==> flow/design.v <==
module cpu_shifter (ck, RSTN, enable, i_ch, i_n, i_dir, o_data_out);
    parameter integer BITS = 96;
    localparam integer SEL_WIDTH = $clog2(BITS);
    input ck;
    input RSTN;
    input enable;
    input [BITS-1:0] i_ch;
    input [SEL_WIDTH-1:0] i_n;
    input i_dir;
    output [BITS-1:0] o_data_out;
    reg [BITS-1:0] r_ch;
    reg [SEL_WIDTH-1:0] r_n;
    reg r_dir;
    always @(posedge ck or negedge RSTN) begin
        if (~RSTN) begin
            r_ch <= 0;
            r_n <= 0;
            r_dir <= 1'b0;
        end else if (enable) begin
            r_ch <= i_ch;
            r_n <= i_n;
            r_dir <= i_dir;
        end
    end
    assign o_data_out = r_dir ? r_ch << r_n : r_ch >> r_n;
endmodule
; ---- Step by step through the tools: cpu_shifter
; The steps from the RTL of cpu_shifter to its reports follow in flow order.
; Line numbers count from 1 in the design file above.
; Operators: Yosys type, input widths -> output width; for muxes data width and select width s.
; Library cell names are shortened.
; The mark - stands for no value.
[setup]
top_module = cpu_shifter
clock = ck
library = sky130hd
corner = tt_025C_1v80

; ---- After elaboration
; Source: Yosys, flattened and elaborated, memories not mapped. Widths are those after wreduce; folded enables and synchronous resets count as part of the registers. Registers that Yosys merges into a memory's read port (data or address) are not register bits. Print and check cells do not count. Equal cells are merged and count once.
[word_totals]
reg_bits = 104
inputBits = 107
out_inout_bits = 96
word_cells = 6
[classes]
n_shift = 2
n_mux = 1
[op_table]
columns = cell, n
row1 = $shl 96x7->96, 1
row2 = $shr 96x7->96, 1
row3 = $mux 96, 1

; ---- Depth
; Yosys ltp: most cells in a row. Word level: on the elaborated netlist, between registers, memories and ports. Mapped: between sequential cells and ports; inverters and the memories' decode and read muxes count.
[logic_depth]
ltp_word = 2
abc_area = 0
ltp_mapped = 12
mapped_depth_nobuf = 6

; ---- Synthesis result
; Source: synth_stat.txt of the flow (Yosys; design flattened, memories mapped). It holds for the ABC_AREA given above (unset counts as 0); a run with the other value may have another netlist.
[mapped]
cell_count = 1848
area_um2 = 18470.2
seq_area_um2 = 2602.5
ff_cells = 104
buffers = 208
[by_type]
columns = type, n, area_total_um2
row1 = mux4_2, 210, 4.73E+03
row2 = mux2_2, 281, 3.16E+03
row3 = dfrtp_1, 104, 2.6E+03
row4 = mux2i_1, 221, 2.21E+03
row5 = nor2_1, 150, 563.04
row6 = nand2_1, 124, 465.446
row7 = a21oi_1, 79, 395.379
row8 = clkbuf_1, 103, 386.621
row9 = o21ai_0, 76, 380.365
row10 = o22ai_1, 54, 337.824
row11 = a211oi_1, 34, 255.245
row12 = buf_2, 45, 225.216
row13 = buf_6, 14, 157.651
row14 = a22oi_1, 19, 142.637
row15 = a221oi_1, 16, 140.134
row16 = o211ai_1, 18, 135.13
row17 = a221o_1, 13, 130.125
row18 = nor3_1, 26, 130.125
; Not listed: further types 53, cells in them 261.

; ---- Path before layout
; Path of least setup slack by OpenSTA after synthesis, without wires, with an ideal clock, recovery checks aside; 20% of the period is set as input and as output delay. Where synthesis merged equal registers, the netlist keeps one of their names.
[synth_path]
path_kind = reg-to-output
start = register r_n[1]
end = output o_data_out[53]
tclk_ns = 3.92
output_delay_ns = 0.784
t_first_pin_ns = 0.000
arrival_ns = 2.506
t_required_ns = 3.136
setup_slack_ns = 0.630
delay_ns = 2.506
stages = 11
n_path_buf = 6
period_less_setup_slack_ns = 3.29
; "delay_ns" = arrival - input delay + setup time.
; A path that ends at an output port has no setup time.
; "stages": output pins that drive a net of the path, with the launching flip-flop's if there is one; two outputs of one cell count as two.
; "period_less_setup_slack_ns" is the clock period less the worst setup slack; recovery checks do not enter. This is arithmetic on one report: input and output delays are still those of the set period (20% each).
; Between the ends stands the longest chain of elaborated cells between them, by number of cells; it is not shown to be the way that was timed. Of several equally long chains one is given.
; Each line given opens the expression or statement behind the cell; cells for indexed reads and writes are added by Yosys, which also makes memories of some case tables.
[synth_between]
cell_sequence = dfrtp_1 > buf_6 > buf_8 > buf_12 > buf_6 > buf_4 > buf_2 > o31ai_2 > o2bb2ai_1 > nor2_1 > a2111oi_0
elab_chain_cells = 2
cone_cells = 3
cone_lines = 1
cone_classes = 2 x shift; 1 x mux
[synth_lines]
columns = element, line_no
row1 = start: declaration, 12  ; reg [SEL_WIDTH-1:0] r_n;
row2 = start: assignment, 17  ; r_n <= 0;
row3 = start: assignment, 21  ; r_n <= i_n;
row4 = $shr 96x7->96, 25  ; assign o_data_out = r_dir ? r_ch << r_n : r_ch >> r_n;
row5 = $mux 96, 25
row6 = end: declaration, 10  ; output [BITS-1:0] o_data_out;

; ---- Path in the finished layout
; Path of least setup slack in the final report of run A (OpenROAD, finished layout, wires in). Where an end is a register, its clock arrival counts in the times.
[layout_path]
path_kind = reg-to-output
start = register r_n[2]
end = output o_data_out[12]
tclk_ns = 3.92
output_delay_ns = 0.78
t_first_pin_ns = 0.41
arrival_ns = 3.44
t_required_ns = 3.14
setup_slack_ns = -0.30
stages = 11
n_path_buf = 4
; Between the ends stands the longest chain of elaborated cells between them, by number of cells; it is not shown to be the way that was timed. Of several equally long chains one is given.
[layout_between]
cell_sequence = dfrtp_4 > inv_6 > buf_12 > buf_12 > buf_4 > mux4_2 > nor2_2 > a211oi_2 > a211o_1 > a221o_1 > buf_2
elab_chain_cells = 2
cone_cells = 3
cone_lines = 1
cone_classes = 2 x shift; 1 x mux
[layout_lines]
columns = element, line_no
row1 = start: declaration, 12  ; reg [SEL_WIDTH-1:0] r_n;
row2 = start: assignment, 17  ; r_n <= 0;
row3 = start: assignment, 21  ; r_n <= i_n;
row4 = $shr 96x7->96, 25  ; assign o_data_out = r_dir ? r_ch << r_n : r_ch >> r_n;
row5 = $mux 96, 25
row6 = end: declaration, 10  ; output [BITS-1:0] o_data_out;

; Record of 3 stored runs of the RTL-to-layout flow on cpu_shifter, platform sky130hd. The runs are unordered. Constraints: input delay and output delay 20% of the set period each, output load 0.01 pF.
; "achievedPeriod_ns": clock period set for the run, less the worst setup slack. It is reckoned from that one timing run; input and output delays stay at 20% of the period that was set.
; "critical_path_time_ns" means the part of the period allowed to the worst setup path (the constraints hold back 20% at inputs and 20% at outputs) less its slack; where the path has registers, the arrival times of their clocks count too.
; By "design_power_mw" is meant OpenSTA's value without simulated activity: inputs other than the clock are taken to toggle once in ten clock periods, and the tool carries that through the logic.

[run A: settings]
period_ns = 3.92
CAP_MARGIN = 20
CORE_MARGIN = 2
CORE_UTILIZATION = 40
SLEW_MARGIN = 20
[run A: results]
critical_path_time_ns = 3.44
timing.worst_path_kind = reg-to-output
fin_util_pct = 63.4
total_die_area_um2 = 47910.6
design_power_mw = 12.110
ys_area_um2 = 18470.2
final_stdcell_area_um2 = 28838.9
ws_setup_ns = -0.304
achievedPeriod_ns = 4.224
setup_tns_ns = -11.727

[run B: settings]
period_ns = 2.32
CORE_UTILIZATION = 43
SETUP_SLACK_MARGIN = -0.12
PLACE_DENSITY_LB_ADDON = 0.2
CELL_PAD_IN_SITES_GLOBAL_PLACEMENT = 3
ABC_AREA = 0
GPL_ROUTABILITY_DRIVEN = 0
CAP_MARGIN = 20
CORE_MARGIN = 2
SLEW_MARGIN = 20
[run B: results]
critical_path_time_ns = 3.54
timing.worst_path_kind = reg-to-output
fin_util_pct = 70.3
total_die_area_um2 = 44628.7
design_power_mw = 19.845
ys_area_um2 = 18470.2
final_stdcell_area_um2 = 29600.9
ws_setup_ns = -1.687
achievedPeriod_ns = 4.007
setup_tns_ns = -137.581

[run C: settings]
period_ns = 2.92
CORE_UTILIZATION = 32
PLACE_DENSITY_LB_ADDON = 0.04
HOLD_SLACK_MARGIN = 0.27
CELL_PAD_IN_SITES_GLOBAL_PLACEMENT = 1
CAP_MARGIN = 25
SLEW_MARGIN = 15
MIN_ROUTING_LAYER = met1
CORE_MARGIN = 2
[run C: results]
critical_path_time_ns = 3.45
timing.worst_path_kind = reg-to-output
fin_util_pct = 53.6
total_die_area_um2 = 59658.1
design_power_mw = 16.391
ys_area_um2 = 18470.2
final_stdcell_area_um2 = 30759.5
ws_setup_ns = -1.115
achievedPeriod_ns = 4.035
setup_tns_ns = -89.547
